==> flow/design.v <==
module core_mplex #(
  parameter NBITS = 16,
  parameter WAYS = 8,
  parameter LG = $clog2(WAYS)
) (
  input wire clk,
  input wire [WAYS*NBITS-1:0] i_data,
  input wire [LG-1:0] i_idx,
  output reg [NBITS-1:0] o_data_out
);
  wire [NBITS-1:0] nd [1:2*WAYS-1];
  genvar i;
  generate
    for (i = 0; i < WAYS; i = i + 1) begin : lane
      assign nd[WAYS+i] = i_data[i*NBITS +: NBITS];
    end
    for (i = 1; i < WAYS; i = i + 1) begin : row
      assign nd[i] = i_idx[LG - $clog2(i+1)] ? nd[2*i+1] : nd[2*i];
    end
  endgenerate
  always @(posedge clk)
    o_data_out <= nd[1];
endmodule
== Step by step through the tools: core_mplex ==
What the tools print for core_mplex, step after step.
Line numbers count from 1 in the design file above.
The mark - stands for no value.

* Design top: core_mplex
* Clock: clk
* Standard-cell library: sky130hd
* Corner: tt_025C_1v80

== Elaborated design ==
Yosys after proc, flatten, opt, wreduce and memory -nomap, before mapping. Enables and synchronous resets that opt folds into registers are not counted as muxes. Memory bits, and registers merged into a memory's read port (data or address), are not among the register bits. Print and check cells are not counted. Equal cells are merged and count once.

* Mux-type cells: 7

{| class="wikitable"
|+ Operator list
! kind !! count
|-
| 16-bit two-way mux || 7
|}

* Word-level cells: 8
* Flip-flop bits (word level): 16

== Longest topological paths ==
Yosys ltp: most cells in a row. Word level: on the elaborated netlist, between registers, memories and ports. Mapped: between sequential cells and ports; inverters and the memories' decode and read muxes count.

* Depth in word-level cells: 3
* ABC_AREA: 0
* Depth in mapped cells: 4
* Gate-level depth less buffers: 2

== Netlist ==
Source: synth_stat.txt of the flow (Yosys; design flattened, memories mapped). It holds for the ABC_AREA given above (unset counts as 0); a run with the other value may have another netlist.

* Standard cells after synthesis: 73
* Buffers: 9
* Synthesis area: 0.0013913 sq mm
* Flip-flop cells: 16

{| class="wikitable"
|+ Cells by type
! cell !! count !! area in all (sq um)
|-
| sky130_fd_sc_hd__mux4_1 || 28 || 735.706
|-
| sky130_fd_sc_hd__dfxtp_1 || 16 || 320.307
|-
| sky130_fd_sc_hd__mux2_2 || 16 || 180.173
|-
| sky130_fd_sc_hd__mux4_2 || 4 || 90.086
|-
| sky130_fd_sc_hd__buf_6 || 4 || 45.043
|-
| sky130_fd_sc_hd__buf_1 || 2 || 7.507
|-
| sky130_fd_sc_hd__clkbuf_1 || 2 || 7.507
|-
| sky130_fd_sc_hd__clkbuf_2 || 1 || 5.005
|}

== Timing after synthesis ==
Path of least setup slack by OpenSTA after synthesis, without wires, with an ideal clock, recovery checks aside; 20% of the period is set as input and as output delay. Where synthesis merged equal registers, the netlist keeps one of their names.

* Path type: input to register
* Start: input i_idx[0]
* End: register o_data_out[1]
* Data arrival time: 1.392 ns
* Setup slack: 0.288 ns
* Driving pins on the path: 4
* Delay of the path: 1.153 ns
* Period: 1.8 ns
* Data required time: 1.679 ns
* Period reached after synthesis: 1.512 ns

"delay of the path" = arrival - input delay + setup time.
"driving pins on the path" counts driving pins, that of a launching flip-flop among them; a cell with two outputs on the path counts twice.
"period reached after synthesis" is the clock period less the worst setup slack; recovery checks do not enter. This is arithmetic on one report: input and output delays are still those of the set period (20% each).
Between the ends stands the longest chain of elaborated cells between them, by number of cells; it is not shown to be the way that was timed. Of several equally long chains one is given.
Each line given opens the expression or statement behind the cell; cells for indexed reads and writes are added by Yosys, which also makes memories of some case tables.

* Path through: sky130_fd_sc_hd__buf_6 -> sky130_fd_sc_hd__buf_6 -> sky130_fd_sc_hd__mux4_1 -> sky130_fd_sc_hd__mux2_2
* Cells in the longest elaborated chain: 3

{| class="wikitable"
|+ Ends and longest elaborated chain, post-synthesis
! what !! RTL line !! source
|-
| start, declared || 8 || <nowiki>input wire [LG-1:0] i_idx,</nowiki>
|-
| 16-bit two-way mux (3 in a row) || 18 || <nowiki>assign nd[i] = i_idx[LG - $clog2(i+1)] ? nd[2*i+1] : nd[2*i];</nowiki>
|-
| end, assigned || 22 || <nowiki>o_data_out <= nd[1];</nowiki>
|-
| end, declared || 9 || <nowiki>output reg [NBITS-1:0] o_data_out</nowiki>
|}

== Path in the finished layout ==
Path of least setup slack in the final report of run 1 (OpenROAD, finished layout, wires in). Where an end is a register, its clock arrival counts in the times.

* Path type: register to output
* Start: register o_data_out[11]
* End: output o_data_out[11]
* Period: 1.8 ns
* External output delay: 0.36 ns
* Data required time: 1.44 ns
* Driving pins on the path: 2
* Data arrival time: 1.18 ns
* Setup slack: 0.26 ns

* Path through: sky130_fd_sc_hd__dfxtp_1 -> sky130_fd_sc_hd__clkdlybuf4s50_1
* Cells in the longest elaborated chain: 0

{| class="wikitable"
|+ Ends and longest elaborated chain, after layout
! what !! RTL line !! source
|-
| start, declared || 9 || <nowiki>output reg [NBITS-1:0] o_data_out</nowiki>
|-
| start, assigned || 22 || <nowiki>o_data_out <= nd[1];</nowiki>
|-
| end, declared || 9 ||
|}

Memo
Re: implementation data of core_mplex

Measured data: module core_mplex, platform sky130hd, 3 stored runs of the flow under differing settings, order arbitrary. Input and output delays are each 20% of the period that was set; the output load is 0.01 pF.
"period achieved" = clock period - worst setup slack. The figure is calculated, with input and output delays left at 20% of the set period.
"total design power" is the tool's figure for a default switching activity; nothing was simulated.

=== Run 1 ===
{| class="wikitable"
! Setting !! Value
|-
| period_ns || 1.8
|-
| CAP_MARGIN || 20
|-
| CORE_MARGIN || 2
|-
| CORE_UTILIZATION || 40
|-
| SLEW_MARGIN || 20
|-
! Result !! Value
|-
| Smallest setup slack || 0.256 ns
|-
| Die footprint || 0.0039658 sq mm
|-
| Yosys chip area after synthesis || 0.0013913 sq mm
|-
| Standard-cell area after routing || 0.0029616 sq mm
|-
| Total design power || 0.001308 W
|-
| Final utilization || 88.8%
|-
| Period achieved || 1.544 ns
|}

=== Run 2 ===
{| class="wikitable"
! Setting !! Value
|-
| period_ns || 2.38
|-
| CORE_UTILIZATION || 35
|-
| SETUP_SLACK_MARGIN || 0.61
|-
| PLACE_DENSITY || 0.56
|-
| CORE_ASPECT_RATIO || 0.88
|-
| CELL_PAD_IN_SITES_DETAIL_PLACEMENT || 1
|-
| ABC_AREA || 0
|-
| MAX_ROUTING_LAYER || met4
|-
| CAP_MARGIN || 20
|-
| CORE_MARGIN || 2
|-
| SLEW_MARGIN || 20
|}
No results, placement failed with a tool error.

=== Run 3 ===
{| class="wikitable"
! Setting !! Value
|-
| period_ns || 1.68
|-
| CORE_UTILIZATION || 47
|-
| SETUP_SLACK_MARGIN || 0.23
|-
| PLACE_DENSITY_LB_ADDON || 0.24
|-
| CORE_MARGIN || 9
|-
| CELL_PAD_IN_SITES_DETAIL_PLACEMENT || 2
|-
| ABC_AREA || 1
|-
| GPL_ROUTABILITY_DRIVEN || 0
|-
| SLEW_MARGIN || 20
|-
| MIN_ROUTING_LAYER || met2
|-
| MAX_ROUTING_LAYER || met4
|-
| CAP_MARGIN || 20
|}
No results, placement failed with DPL-0033.
